==> flow/design.v <==
module my_multiplier #(
   parameter W = 20,
   parameter G = 4
) (
   input ck,
   input i_rst,
   input [W-1:0] op_a,
   input [W-1:0] op_b,
   input start,
   output [2*W+G-1:0] res
);
   wire [2*W-1:0] r = op_a * op_b;
   reg [2*W+G-1:0] run_sum;
   assign res = run_sum;
   always @(posedge ck or posedge i_rst) begin
      if (i_rst) begin
         run_sum <= 0;
      end else begin
         run_sum <= start ? r : run_sum + r;
      end
   end
endmodule
# Reports on my_multiplier
# The steps from the RTL of my_multiplier to its reports follow in flow order.
# Line numbers count from 1 in the design file above.
# Operators carry their Yosys type and port widths (W data, S select, Z words).
# Library cell names are shortened.
# Not given: -
# setup
top	my_multiplier
clock	ck
cell_library	sky130hd
corner	tt_025C_1v80

# Elaborated design
# Source: Yosys, flattened and elaborated, memories not mapped. Widths are those after wreduce; folded enables and synchronous resets count as part of the registers. Registers that Yosys merges into a memory's read port (data or address) are not register bits. Print and check cells do not count. Equal cells are merged and count once.
# bits
register_bits	44
input_bits	43
out_inout_bits	44
word_cells	4
# op_classes
add_sub_neg	1
multipliers	1
n_mux	1
# ops
operator	count
$mul A20 B20 Y40	1
$add A44 B40 Y44	1
$mux W44	1

# Longest topological paths
# Yosys ltp: most cells in a row. Word level: on the elaborated netlist, between registers, memories and ports. Mapped: between sequential cells and ports; inverters and the memories' decode and read muxes count.
# depth
depth_word	3
ABC_AREA	1
mapped_depth	42
mapped_depth_nobuf	41

# Netlist
# Source: synth_stat.txt of the flow (Yosys; design flattened, memories mapped). It holds for the ABC_AREA given above (unset counts as 0); a run with the other value may have another netlist.
# by_type
type	count	type_area_um2
fa_1	321	6.43E+03
nand2_1	978	3.67E+03
inv_1	827	3.1E+03
ha_1	192	2.4E+03
dfrtp_1	44	1.1E+03
nand3_1	104	520.499
nor2_1	137	514.243
clkbuf_1	87	326.563
a21oi_1	65	325.312
o21ai_0	37	185.178
and2_1	25	156.4
xor2_1	14	122.618
xnor2_1	12	105.101
nand3_2	9	90.086
nand2_2	11	68.816
o21bai_1	7	52.55
nor3_1	10	50.048
nor2_2	7	43.792
# Other cell types: 18; their cells: 42.
# mapped
cells	2929
mapped_area_mm2	0.0195638
seq_area_mm2	0.0011011
flip_flops	44
buffers	89

# Timing after synthesis
# OpenSTA on the mapped netlist: ideal clock, no wires. The path of least setup slack (recovery checks aside). Input and output delay are each 20% of the period. Register names are those of the netlist, which keeps one name where synthesis merged equal registers.
# synth_timing
path_type	input-to-reg
from	input port op_a[9]
to	register run_sum[43]
period_ns	12.4
in_delay_ns	2.480
setup_time_ns	0.117
launch_ns	2.480
arrival_ns	8.842
t_required_ns	12.283
slack_ns	3.442
delay_ns	6.479
stages	38
n_path_buf	1
period_less_setup_slack_ns	8.958
# "delay_ns" = arrival - input delay + setup time.
# "stages": output pins that drive a net of the path, with the launching flip-flop's if there is one; two outputs of one cell count as two.
# "period_less_setup_slack_ns" = period - worst setup slack (recovery checks aside). The figure is calculated, with input and output delays left at 20% of the set period.
# The rows between start and end are the longest chain of elaborated cells between them; the timing report does not say that the signal goes this way. Where chains are equally long, one stands for them.
# Each line given opens the expression or statement behind the cell; cells for indexed reads and writes are added by Yosys, which also makes memories of some case tables.
# synth_between
path_cell_list	clkbuf_1 -> nand2_1 -> inv_1 -> fa_1 -> fa_1 -> inv_1 -> fa_1 -> inv_1 -> fa_1 -> inv_1 -> fa_1 -> inv_1 -> fa_1 -> inv_1 -> fa_1 -> inv_1 -> ha_1 -> nand2_1 -> (+2 left out) -> nand2_1 -> nand2_1 -> nand3_2 -> nand2_1 -> inv_1 -> or2_1 -> ha_1 -> nand2_1 -> nor2_2 -> inv_1 -> nor2_2 -> inv_1 -> nor3_2 -> nand2_1 -> nand3_1 -> nand2_1 -> nand2_1 -> nor2_1
elab_chain_cells	3
cone_cells	3
lines_between	2
classes_between	add/sub (1); mul (1); mux (1)
# synth_lines
item	line_no	source
start: declaration	7	input [W-1:0] op_a,
$mul A20 B20 Y40	12	wire [2*W-1:0] r = op_a * op_b;
$add A44 B40 Y44	19	run_sum <= start ? r : run_sum + r;
$mux W44	19
end: assignment	17	run_sum <= 0;
end: assignment	19
end: declaration	13	reg [2*W+G-1:0] run_sum;

# Timing after layout
# Path of least setup slack in the final report of record 1 (OpenROAD, finished layout, wires in). Where an end is a register, its clock arrival counts in the times.
# layout_timing
path_type	input-to-reg
from	input port op_b[6]
to	register run_sum[38]
period_ns	13.1
in_delay_ns	2.62
setup_time_ns	0.11
launch_ns	2.62
arrival_ns	11.34
t_required_ns	13.30
slack_ns	1.95
stages	31
n_path_buf	1
# The rows between start and end are the longest chain of elaborated cells between them; the timing report does not say that the signal goes this way. Where chains are equally long, one stands for them.
# layout_between
path_cell_list	clkdlybuf4s50_1 -> nand2_1 -> fa_1 -> fa_1 -> fa_1 -> inv_1 -> fa_1 -> fa_1 -> fa_1 -> inv_1 -> fa_1 -> inv_1 -> ha_1 -> nand2_1 -> nor2_2 -> nand2_1 -> nor3_1 -> nand2_1 -> nand2_1 -> nand2_1 -> and2_1 -> ha_1 -> nand2_1 -> nor2_1 -> nand2_1 -> nor2_1 -> nor2_1 -> nand2_1 -> nand2_1 -> nand3_1 -> nand2_1
elab_chain_cells	3
cone_cells	3
lines_between	2
classes_between	add/sub (1); mul (1); mux (1)
# layout_lines
item	line_no	source
start: declaration	8	input [W-1:0] op_b,
$mul A20 B20 Y40	12	wire [2*W-1:0] r = op_a * op_b;
$add A44 B40 Y44	19	run_sum <= start ? r : run_sum + r;
$mux W44	19
end: assignment	17	run_sum <= 0;
end: assignment	19
end: declaration	13	reg [2*W+G-1:0] run_sum;

Subject: flow runs of my_multiplier

Hi,

my_multiplier through Yosys and OpenROAD on sky130hd: 3 stored runs, unordered, with their settings and measured results. The constraints put input and output delay at 20% of the set period each and load the outputs with 0.01 pF.
"period_reached_ns" means the clock period less the worst setup slack. The figure is calculated, with input and output delays left at 20% of the set period.
"timing.worst_path_ns" is the time allowed to the run's worst setup path (the clock period less input and output delay, where it has them) less its slack. Clock arrival times count: a late capture clock shortens it, a late launch clock lengthens it.

Record 1, flow files:
==> flow/run.sh <==
#!/bin/bash
# the make line also repeats the synthesis and layout settings of config.mk as NAME=value (left out here)
make -C /OpenROAD-flow-scripts/flow DESIGN_CONFIG=/design/flow/config.mk WORK_HOME=/design/flow/orfs CLKGATE_MAP_FILE= finish
==> flow/config.mk <==
export PLATFORM = sky130hd
export DESIGN_NAME = my_multiplier
export DESIGN_NICKNAME = my_multiplier
export VERILOG_FILES = /design/flow/design.v
export SDC_FILE = /design/flow/constraint.sdc
export NUM_CORES = 4
export LEC_CHECK = 0
export ABC_AREA = 1
export CAP_MARGIN = 20
export CELL_PAD_IN_SITES_GLOBAL_PLACEMENT = 3
export CORE_MARGIN = 2
export CORE_UTILIZATION = 39
export CTS_CLUSTER_SIZE = 75
export GPL_ROUTABILITY_DRIVEN = 1
export MAX_ROUTING_LAYER = met5
export MIN_ROUTING_LAYER = met2
export PLACE_DENSITY_LB_ADDON = 0.06
export SETUP_SLACK_MARGIN = 1.54
export SLEW_MARGIN = 0
==> flow/constraint.sdc <==
create_clock -name core_clock -period 13.1 [get_ports {ck}]
set_input_delay 2.6200 -clock core_clock [delete_from_list [all_inputs] [get_ports {ck}]]
set_output_delay 2.6200 -clock core_clock [all_outputs]
set_load 0.01 [all_outputs]

==> results of record 1, as CSV <==
result,value
final_setup_tns_ns,0.000
holdWs_ns,0.566
yosys_chip_area_mm2,0.0195638
final_cell_area_mm2,0.0213655
period_reached_ns,11.145
die_mm2,0.0519703
timing.worst_path_ns,8.53
worstPathKind,"input-to-reg"
layout_utilization_pct,42.8
worstSetupSlack_ns,1.955

Record 2, flow files:
==> flow/run.sh <==
#!/bin/bash
# the make line also repeats the synthesis and layout settings of config.mk as NAME=value (left out here)
make -C /OpenROAD-flow-scripts/flow DESIGN_CONFIG=/design/flow/config.mk WORK_HOME=/design/flow/orfs CLKGATE_MAP_FILE= finish
==> flow/config.mk <==
export PLATFORM = sky130hd
export DESIGN_NAME = my_multiplier
export DESIGN_NICKNAME = my_multiplier
export VERILOG_FILES = /design/flow/design.v
export SDC_FILE = /design/flow/constraint.sdc
export NUM_CORES = 4
export LEC_CHECK = 0
export CAP_MARGIN = 20
export CORE_MARGIN = 2
export CORE_UTILIZATION = 40
export SLEW_MARGIN = 20
==> flow/constraint.sdc <==
create_clock -name core_clock -period 12.4 [get_ports {ck}]
set_input_delay 2.4800 -clock core_clock [delete_from_list [all_inputs] [get_ports {ck}]]
set_output_delay 2.4800 -clock core_clock [all_outputs]
set_load 0.01 [all_outputs]

==> results of record 2, as CSV <==
result,value
die_mm2,0.0454095
timing.worst_path_ns,9.19
worstPathKind,"input-to-reg"
period_reached_ns,11.668
final_setup_tns_ns,0.000
yosys_chip_area_mm2,0.017488
worstSetupSlack_ns,0.732
holdWs_ns,0.597
final_cell_area_mm2,0.0191621
layout_utilization_pct,44.5

Record 3, flow files:
==> flow/run.sh <==
#!/bin/bash
# the make line also repeats the synthesis and layout settings of config.mk as NAME=value (left out here)
make -C /OpenROAD-flow-scripts/flow DESIGN_CONFIG=/design/flow/config.mk WORK_HOME=/design/flow/orfs CLKGATE_MAP_FILE= finish
==> flow/config.mk <==
export PLATFORM = sky130hd
export DESIGN_NAME = my_multiplier
export DESIGN_NICKNAME = my_multiplier
export VERILOG_FILES = /design/flow/design.v
export SDC_FILE = /design/flow/constraint.sdc
export NUM_CORES = 4
export LEC_CHECK = 0
export CAP_MARGIN = 20
export CORE_MARGIN = 2
export CORE_UTILIZATION = 19
export GPL_ROUTABILITY_DRIVEN = 0
export GPL_TIMING_DRIVEN = 1
export MAX_ROUTING_LAYER = met4
export MIN_ROUTING_LAYER = met1
export PLACE_DENSITY = 0.39
export SETUP_SLACK_MARGIN = 1.27
export SLEW_MARGIN = 20
export TNS_END_PERCENT = 50
==> flow/constraint.sdc <==
create_clock -name core_clock -period 19.1 [get_ports {ck}]
set_input_delay 3.8200 -clock core_clock [delete_from_list [all_inputs] [get_ports {ck}]]
set_output_delay 3.8200 -clock core_clock [all_outputs]
set_load 0.01 [all_outputs]

==> results of record 3, as CSV <==
result,value
die_mm2,0.0944855
layout_utilization_pct,21.6
final_cell_area_mm2,0.0197615
timing.worst_path_ns,9.43
worstPathKind,"input-to-reg"
yosys_chip_area_mm2,0.017488
final_setup_tns_ns,0.000
worstSetupSlack_ns,5.848
period_reached_ns,13.252
holdWs_ns,0.630

Regards
